==> flow/design.v <==
module cpu_mux_stage #(
    parameter NBITS = 2,
    parameter COUNT = 12,
    parameter LOGN = $clog2(COUNT)
) (
    input logic ck,
    input logic [COUNT*NBITS-1:0] ch,
    input logic [LOGN-1:0] sel,
    output logic [NBITS-1:0] o
);
    logic [COUNT*NBITS-1:0] ch_r;
    always_ff @(posedge ck) begin
        ch_r <= ch;
    end
    logic [LOGN-1:0] sel_r;
    always_ff @(posedge ck) begin
        sel_r <= sel;
    end
    logic [COUNT*NBITS-1:0] cur;
    assign cur = ch_r >> (sel_r * NBITS);
    always_ff @(posedge ck) begin
        o <= cur[NBITS-1:0];
    end
endmodule
# From RTL to reports: cpu_mux_stage
# The steps from the RTL of cpu_mux_stage to its reports follow in flow order.
# Line numbers count from 1 in the design file above.
# Operators carry their Yosys type and port widths (W data, S select, Z words).
# Cell names lack the library's common part.
# Not given: n/a
# design
top	cpu_mux_stage
clock_port	ck
lib	sky130hd
corner	tt_025C_1v80

# Word-level counts
# Source: Yosys, flattened and elaborated, memories not mapped. Widths are those after wreduce; folded enables and synchronous resets count as part of the registers. Registers that Yosys merges into a memory's read port (data or address) are not register bits. Print and check cells do not count. Equal cells are merged and count once.
# bits
in_bits	29
regBits	30
output_inout_bits	2
word_cells	4
# op_classes
shift	1
# ops
op	n
$shr A24 B5 Y2	1

# Longest topological paths
# Yosys ltp: most cells in a row. Word level: on the elaborated netlist, between registers, memories and ports. Mapped: between sequential cells and ports; inverters and the memories' decode and read muxes count.
# logic_depth
ltp_word	1
ABC_AREA	0
mapped_depth	4

# Synthesis result
# Yosys stat after the flow's synthesis: flattened, memories mapped to cells. It holds for the ABC_AREA given above (unset counts as 0); a run with the other value may have another netlist.
# synth_totals
flip_flops	30
area_um2	818.3
cell_count	50
buffers	1
seq_area_um2	600.6
# by_type
cell_type	n
dfxtp_1	30
mux4_2	4
mux2_2	4
o22ai_1	2
o31ai_2	1
buf_6	1
nand2_1	3
and2b_2	1
or2b_2	1
o31ai_1	1
nor2_2	1
nor2_1	1

# Timing after synthesis
# Path of least setup slack by OpenSTA after synthesis, without wires, with an ideal clock, recovery checks aside; 20% of the period is set as input and as output delay. Where synthesis merged equal registers, the netlist keeps one of their names.
# synth_path
kind	reg-to-reg
startpoint	register sel_r[0]
endpoint	register o[1]
path_slack_ns	0.307
launch_ns	0.000
setup_ns	0.119
path_delay_ns	1.213
period_ns	1.52
path_buffers	1
driving_pins	5
required_time_ns	1.401
t_arrival_ns	1.094
period_less_setup_slack_ns	1.213
# "path_delay_ns" is the arrival time less input delay plus setup time.
# "driving_pins": output pins that drive a net of the path, with the launching flip-flop's if there is one; two outputs of one cell count as two.
# "period_less_setup_slack_ns" = period - worst setup slack (recovery checks aside). The figure is calculated, with input and output delays left at 20% of the set period.
# The rows between start and end are the longest chain of elaborated cells between them; the timing report does not say that the signal goes this way. Where chains are equally long, one stands for them.
# Each line given opens the expression or statement behind the cell; cells for indexed reads and writes are added by Yosys, which also makes memories of some case tables.
# synth_between
cell_sequence	dfxtp_1 buf_6 mux4_2 nor2_2 o31ai_2
elab_chain_cells	1
cone_cells	1
cone_lines	1
classes_between	shift (1)
# synth_lines
element	line_no	text
from (decl)	15	logic [LOGN-1:0] sel_r;
from (assign)	17	sel_r <= sel;
$shr A24 B5 Y2	20	assign cur = ch_r >> (sel_r * NBITS);
to (assign)	22	o <= cur[NBITS-1:0];
to (decl)	9	output logic [NBITS-1:0] o

# Timing after layout
# From the final timing report of run A: the path of least setup slack in the routed layout; clock arrival at registers is part of the times.
# layout_path
kind	reg-to-output
startpoint	register o[1]
endpoint	output port o[1]
path_buffers	1
required_time_ns	1.22
driving_pins	2
period_ns	1.52
t_arrival_ns	1.15
launch_ns	0.31
path_slack_ns	0.06
# layout_between
cell_sequence	dfxtp_1 clkdlybuf4s50_1
elab_chain_cells	0
cone_cells	0
cone_lines	0
# layout_lines
element	line_no	text
from (decl)	9	output logic [NBITS-1:0] o
from (assign)	22	o <= cur[NBITS-1:0];
to (decl)	9

# 3 stored runs of cpu_mux_stage in the flow (synthesis by Yosys, layout by OpenROAD, sky130hd cells), in arbitrary order. Constraints: input delay and output delay 20% of the set period each, output load 0.01 pF.
# By "period_reached_ns" is meant the clock period of the run minus its worst setup slack. This is arithmetic on one report: input and output delays are still those of the set period (20% each).
# "critical_path_time_ns": the worst setup path's part of the clock period (all of it between registers, 20% less for each end at a port) less its slack. A launch clock that arrives late makes it longer, a capture clock that arrives late makes it shorter.
# "total_power_mw" is the tool's figure for a default switching activity; nothing was simulated.
# Among the settings, - means not set for that run.
run	period_ns	CAP_MARGIN	CORE_MARGIN	CORE_UTILIZATION	SLEW_MARGIN	SETUP_SLACK_MARGIN	PLACE_DENSITY_LB_ADDON	TNS_END_PERCENT	GPL_TIMING_DRIVEN	CTS_CLUSTER_SIZE	CTS_CLUSTER_DIAMETER	MIN_ROUTING_LAYER	CELL_PAD_IN_SITES_GLOBAL_PLACEMENT	period_reached_ns	critical_path_time_ns	worst_path_kind	die_area_um2	finalUtil_pct	holdWs_ns	total_power_mw	setup_tns_ns	setup_worst_slack_ns	final_stdcell_area_um2	synth_chip_area_um2
run A	1.52	20	2	40	20	-	-	-	-	-	-	-	-	1.458	1.15	reg-to-output	2423.6	63.1	0.423	1.571	0.000	0.062	1226.2	818.3
run B	1.67	30	6	17	25	0.07	0.01	60	0	10	165	met1	-	1.433	1.10	reg-to-output	6622.7	28.5	0.501	1.476	0.000	0.237	1275.0	818.3
run C	1.26	20	2	40	20	-	0.07	-	-	-	277	-	0	1.258	1.26	reg-to-reg	2423.6	64.3	0.373	1.762	0.000	0.002	1248.7	818.3
